==> flow/design.v <==
module aligner_v2 #(
    parameter int DATA_W = 64,
    parameter int SW = $clog2(DATA_W)
) (
    input  logic clock,
    input  logic aresetn,
    input  logic [DATA_W-1:0] in,
    input  logic [SW-1:0] sh,
    output logic [DATA_W-1:0] z_o
);
    always_ff @(posedge clock or negedge aresetn) begin
        if (!aresetn) begin
            z_o <= '0;
        end else begin
            z_o <= in << sh;
        end
    end
endmodule
# Step by step through the tools: aligner_v2
# Tool output for the design above, in the order of the flow.
# Line numbers count from 1 in the design file above.
# Operators: Yosys type, input widths -> output width; for muxes data width and select width s.
# Library cell names are shortened.
# A cell with - has no value.
# inputs
design	aligner_v2
clk_port	clock
library	sky130hd
pvt_corner	tt_025C_1v80

# Word level
# Yosys after proc, flatten, opt, wreduce and memory -nomap, before mapping. Enables and synchronous resets that opt folds into registers are not counted as muxes. Memory bits, and registers merged into a memory's read port (data or address), are not among the register bits. Print and check cells are not counted. Equal cells are merged and count once.
# word_totals
reg_bits	64
latch_bits	0
mem_bits_rw	0
romBits	0
clocked_rd_ports_x_width	0
n_memories	0
output_inout_bits	64
# classes
addsub	0
n_mul	0
div_mod_pow	0
compare	0
eq_ne	0
shift	1
n_mux	0
bitwise	0
n_reduce_logical	0
# ops
cell	n
$shl 64x6->64	1

# Longest topological paths
# Depth = most cells in a row (Yosys ltp): at word level without a register or memory, in the mapped netlist without a sequential cell, where the memories' decode and read muxes count.
# logic_depth
depth_word	1
abc_area	0
mapped_depth	9
mapped_depth_nobuf	5

# Synthesis result
# Source: synth_stat.txt of the flow (Yosys; design flattened, memories mapped). It holds for the ABC_AREA given above (unset counts as 0); a run with the other value may have another netlist.
# types
type	n
mux4_2	85
dfrtp_1	64
mux2i_1	50
mux2_2	28
nand2_1	66
nor2_1	54
o22ai_1	20
a21oi_1	17
a22oi_1	11
buf_2	16
clkbuf_1	21
o21a_1	10
mux2_1	6
a211oi_1	8
o21ai_0	11
buf_4	7
o211ai_1	7
o221ai_1	6
# Other cell types: 39; their cells: 106.
# mapped
stdcells	593
mapped_area_um2	6384.9
seq_area_um2	1601.5
ff_cells	64

# Worst setup path after synthesis
# Source: OpenSTA report_checks on the synthesized netlist (no wires, ideal clock, input and output delay 20% of the period each), path of least setup slack; recovery checks are left aside. Register names are those of the netlist, which keeps one name where synthesis merged equal registers.
# synth_path
kind	input-to-reg
start	input port sh[0]
end	register z_o[61]
tclk_ps	2810
in_delay_ps	562
launch_ps	562
arrival_ps	2216
setup_slack_ps	450
delay_ps	1798
driving_pins	8
n_path_buf	3
synth_period_reached_ps	2360
# "delay_ps" is the arrival time less input delay plus setup time.
# "driving_pins" counts driving pins, that of a launching flip-flop among them; a cell with two outputs on the path counts twice.
# "synth_period_reached_ps" = period - worst setup slack (recovery checks aside). The figure is calculated, with input and output delays left at 20% of the set period.
# The rows between start and end are the longest chain of elaborated cells between them; the timing report does not say that the signal goes this way. Where chains are equally long, one stands for them.
# Each line given opens the expression or statement behind the cell; cells for indexed reads and writes are added by Yosys, which also makes memories of some case tables.
# synth_between
path_cell_list	buf_6 buf_4 buf_2 mux2_1 a22oi_1 nor2_1 a211oi_1 o221ai_1
elab_chain_len	1
cells_between	1
cone_classes	1 x shift
# synth_lines
item	line	text
start: declaration	8	input  logic [SW-1:0] sh,
$shl 64x6->64	15	z_o <= in << sh;
end: assignment	13	z_o <= '0;
end: assignment	15
end: declaration	9	output logic [DATA_W-1:0] z_o

# Path in the finished layout
# From the final timing report of flow run 2: the path of least setup slack in the routed layout; clock arrival at registers is part of the times.
# The report prints the path's times to 10 ps; the period is as set.
# layout_path
kind	input-to-reg
start	input port in[10]
end	register z_o[43]
tclk_ps	2810
in_delay_ps	560
launch_ps	560
arrival_ps	2770
setup_slack_ps	220
driving_pins	7
n_path_buf	2
# The rows between start and end are the longest chain of elaborated cells between them; the timing report does not say that the signal goes this way. Where chains are equally long, one stands for them.
# layout_between
path_cell_list	clkdlybuf4s50_1 mux4_2 mux2i_1 buf_4 a2bb2o_1 a211oi_2 o22ai_1
elab_chain_len	1
cells_between	1
cone_classes	1 x shift
# layout_lines
item	line	text
start: declaration	7	input  logic [DATA_W-1:0] in,
$shl 64x6->64	15	z_o <= in << sh;
end: assignment	13	z_o <= '0;
end: assignment	15
end: declaration	9	output logic [DATA_W-1:0] z_o

# Measured data: module aligner_v2, platform sky130hd, 2 stored runs of the flow under differing settings, order arbitrary. Input and output delays are each 20% of the period that was set; the output load is 0.01 pF.
# "period_reached_ps": clock period set for the run, less the worst setup slack. It is reckoned from that one timing run; input and output delays stay at 20% of the period that was set.
# By "critical_path_time_ps" is meant the share of the clock period that the worst setup path is allowed (20% is reserved at inputs, 20% at outputs), minus its slack. Clock arrival times at its registers enter into it.
# "final_power_w": no workload was simulated; the value follows from the tool's default switching activity.
# "critical_path_time_ps" is given in steps of 10 ps.
# Settings: . = not set for that run.
# Among the results, . means that no value is shown for the run.
run	period_ns	CORE_UTILIZATION	SETUP_SLACK_MARGIN	PLACE_DENSITY	CORE_MARGIN	CELL_PAD_IN_SITES_GLOBAL_PLACEMENT	CELL_PAD_IN_SITES_DETAIL_PLACEMENT	TNS_END_PERCENT	GPL_ROUTABILITY_DRIVEN	MAX_ROUTING_LAYER	CAP_MARGIN	SLEW_MARGIN	timing.setup.ws_ps	die_um2	finish.utilization_frac	critical_path_time_ps	critical_path_kind	period_reached_ps	final_power_w	post_synth_area_um2
flow run 1	1.96	68	0.18	0.64	5	3	1	85	1	met4	20	20	.	.	.	.	.	.	.	.
flow run 2	2.81	40	.	.	2	.	.	.	.	.	20	20	220	16988.5	0.562	2030	input-to-reg	2590	0.003865	6384.9
# Flow run 1: not finished: placement ended with error GPL-0301
